==> flow/design.v <==
module sync_as_core_n #(
  parameter int WIDTH = 56
) (
  input  logic aclk,
  input  logic adv,
  input  logic [WIDTH-1:0] in0,
  input  logic [WIDTH-1:0] in1,
  output logic [WIDTH:0] res,
  output logic [WIDTH:0] result
);
  logic [WIDTH-1:0] in0_ff;
  logic [WIDTH-1:0] in1_ff;
  always_ff @(posedge aclk) begin
    if (adv) begin
      in0_ff <= in0;
      in1_ff <= in1;
      res <= in0_ff + in1_ff;
      result <= in0_ff - in1_ff;
    end
  end
endmodule
Step by step through the tools: sync_as_core_n. The steps from the RTL of sync_as_core_n to its reports follow in flow order. Lines are those of the file above, counted from 1. Cell names lack the library's common part. The mark - stands for no value.

Top module: sync_as_core_n. Clock input: aclk. Standard-cell library: sky130hd. Corner: tt_025C_1v80.

After elaboration. Yosys after proc, flatten, opt, wreduce and memory -nomap, before mapping. Enables and synchronous resets that opt folds into registers are not counted as muxes. Memory bits, and registers merged into a memory's read port (data or address), are not among the register bits. Print and check cells are not counted. Equal cells are merged and count once.

Register bits after elaboration: 226. Input port bits: 114. Output and inout bits: 114. Elaborated cells: 6.

The entry for $add $sub $neg reads 2.

Operators by type and width (number): 56-bit by 56-bit adder with 57-bit output (1); 56-bit by 56-bit subtractor with 57-bit output (1).

Logic depth. Yosys ltp: most cells in a row. Word level: on the elaborated netlist, between registers, memories and ports. Mapped: between sequential cells and ports; inverters and the memories' decode and read muxes count.

The figure for word-level depth is 1. The figure for ABC_AREA is 0. The entry for depth in mapped cells reads 13. Mapped depth without buffers: 13.

Netlist. The flow's flattened synthesis, as Yosys stat reports it; memories are mapped. The netlist is that of the ABC_AREA named above (0 if unset); the other value can give another one.

For cells in the netlist the number is 1237. Synthesis area: 13365.3 µm². Under sequential area stands 6756.5 µm². The figure for flip-flop cells is 225. Under buffer cells stands 51.

Cell types: edfxtp_1 (number 225, total area 6756.48 µm²); ha_1 (number 112, total area 1.4E+03 µm²); xnor2_1 (number 93, total area 814.531 µm²); a21oi_1 (number 141, total area 705.677 µm²); inv_1 (number 110, total area 412.896 µm²); nor2_1 (number 98, total area 367.853 µm²); o21ai_0 (number 50, total area 250.24 µm²); o21bai_1 (number 30, total area 225.216 µm²); nand2_1 (number 55, total area 206.448 µm²); a21o_1 (number 21, total area 157.651 µm²); clkbuf_1 (number 41, total area 153.898 µm²); o31ai_1 (number 17, total area 127.622 µm²); nand4_1 (number 18, total area 112.608 µm²); nor4_1 (number 17, total area 106.352 µm²); nand3_1 (number 18, total area 90.086 µm²); nor2b_1 (number 13, total area 81.328 µm²); nor3_1 (number 16, total area 80.077 µm²); xor2_1 (number 9, total area 78.826 µm²).

Not listed: further types 54, cells in them 153.

Worst setup path after synthesis. Source: OpenSTA report_checks on the synthesized netlist (no wires, ideal clock, input and output delay 20% of the period each), path of least setup slack; recovery checks are left aside. Register names are those of the netlist, which keeps one name where synthesis merged equal registers.

Path kind: flip-flop to flip-flop. Start point: register in0_ff[9]. End point: register res[53]. Period: 4.28 ns. The entry for library setup time reads 0.266 ns. Launch time at the first pin: 0.000 ns. The figure for data arrival time is 3.158 ns. For required time the number is 4.014 ns. Under path slack stands 0.856 ns. The entry for delay of the path reads 3.424 ns. For driving pins on the path the number is 12. For buffers on the path the number is 0. The figure for synthesis period reached is 3.424 ns.

"delay of the path" is the arrival time less input delay plus setup time. "driving pins on the path": output pins that drive a net of the path, with the launching flip-flop's if there is one; two outputs of one cell count as two. "synthesis period reached" = period - worst setup slack (recovery checks aside). The figure is calculated, with input and output delays left at 20% of the set period. Between the ends stands the longest chain of elaborated cells between them, by number of cells; it is not shown to be the way that was timed. Of several equally long chains one is given. A line is the first line of the expression or statement that the cell stems from. Yosys adds cells for indexed reads and writes and turns some case tables into memories.

Cell sequence: edfxtp_1 > ha_1 > or4_1 > or3_1 > a2111oi_4 > nor4_2 > o21ai_4 > a21oi_2 > o41ai_4 > a41oi_2 > o31ai_2 > xnor2_1. For length of the longest elaborated chain the number is 1. The entry for elaborated cells between the ends (all ways) reads 1. Under source lines of those cells stands 1. Classes of those cells: add/sub (1).

Ends and longest elaborated chain, post-synthesis: from (decl) (RTL line 11) `logic [WIDTH-1:0] in0_ff;`; from (assign) (RTL line 15) `in0_ff <= in0;`; 56-bit by 56-bit adder with 57-bit output (RTL line 17) `res <= in0_ff + in1_ff;`; to (assign) (RTL line 17); to (decl) (RTL line 8) `output logic [WIDTH:0] res,`.

Timing after layout. From the final timing report of run 1: the path of least setup slack in the routed layout; clock arrival at registers is part of the times.

Path kind: flip-flop to flip-flop. Start point: register in1_ff[0]. End point: register result[54]. Period: 4.28 ns. The entry for library setup time reads 0.25 ns. Launch time at the first pin: 0.53 ns. The figure for data arrival time is 4.19 ns. For required time the number is 4.56 ns. Under path slack stands 0.38 ns. For driving pins on the path the number is 13. For buffers on the path the number is 0.

Between the ends stands the longest chain of elaborated cells between them, by number of cells; it is not shown to be the way that was timed. Of several equally long chains one is given.

Cell sequence: edfxtp_1 > ha_1 > fa_1 > nor2b_1 > o31a_1 > or4b_2 > a21oi_1 > o21ai_0 > a21oi_1 > a21oi_1 > o21bai_1 > a21oi_1 > xnor2_1. For length of the longest elaborated chain the number is 1. The entry for elaborated cells between the ends (all ways) reads 1. Under source lines of those cells stands 1. Classes of those cells: add/sub (1).

Ends and longest elaborated chain, post-layout: from (decl) (RTL line 12) `logic [WIDTH-1:0] in1_ff;`; from (assign) (RTL line 16) `in1_ff <= in1;`; 56-bit by 56-bit subtractor with 57-bit output (RTL line 18) `result <= in0_ff - in1_ff;`; to (assign) (RTL line 18); to (decl) (RTL line 9) `output logic [WIDTH:0] result`.

# Flow runs of sync_as_core_n

Flow measurements of sync_as_core_n on sky130hd: 3 stored runs with different settings, listed in no order. Input and output delays are each 20% of the period that was set; the output load is 0.01 pF. By "achieved clock period" is meant the clock period of the run minus its worst setup slack. This is arithmetic on one report: input and output delays are still those of the set period (20% each). "power consumption" is the tool's figure for a default switching activity; nothing was simulated.

Run 1 has these settings: period_ns 4.28; CAP_MARGIN 20; CORE_MARGIN 2; CORE_UTILIZATION 40; SLEW_MARGIN 20. The area inside the die boundary reads 34892.4 µm². The final setup TNS stands at 0.000 ns. The setup slack of the critical path stands at 0.377 ns. The achieved clock period stands at 3.903 ns. The power consumption reads 7597 uW. The standard-cell area after layout is 16953.8 µm². The worst hold slack in the final report stands at 0.694 ns. The netlist area reported by Yosys stands at 13365.3 µm².

Run 2 has these settings: period_ns 2.25; CORE_UTILIZATION 44; PLACE_DENSITY 0.7; HOLD_SLACK_MARGIN 0.08; SLEW_MARGIN 30; MIN_ROUTING_LAYER met2; MAX_ROUTING_LAYER met4; CAP_MARGIN 20; CORE_MARGIN 2. The area inside the die boundary reads 31785.5 µm². The final setup TNS stands at -66.242 ns. The setup slack of the critical path stands at -1.075 ns. The achieved clock period stands at 3.325 ns. The power consumption reads 17739 uW. The standard-cell area after layout is 22313.9 µm². The worst hold slack in the final report stands at 0.416 ns. The netlist area reported by Yosys stands at 13365.3 µm².

Run 3 has these settings: period_ns 2.42; CORE_UTILIZATION 20; SETUP_SLACK_MARGIN 0.21; CORE_MARGIN 5; CELL_PAD_IN_SITES_GLOBAL_PLACEMENT 1; TNS_END_PERCENT 25; ABC_AREA 1; GPL_TIMING_DRIVEN 0; GPL_ROUTABILITY_DRIVEN 0; MAX_ROUTING_LAYER met4; CAP_MARGIN 20; SLEW_MARGIN 20. The area inside the die boundary reads 96920.1 µm². The final setup TNS stands at 0.000 ns. The setup slack of the critical path stands at 0.046 ns. The achieved clock period stands at 2.374 ns. The power consumption reads 16247 uW. The standard-cell area after layout is 26276.5 µm². The worst hold slack in the final report stands at 0.322 ns. The netlist area reported by Yosys stands at 18158.7 µm².
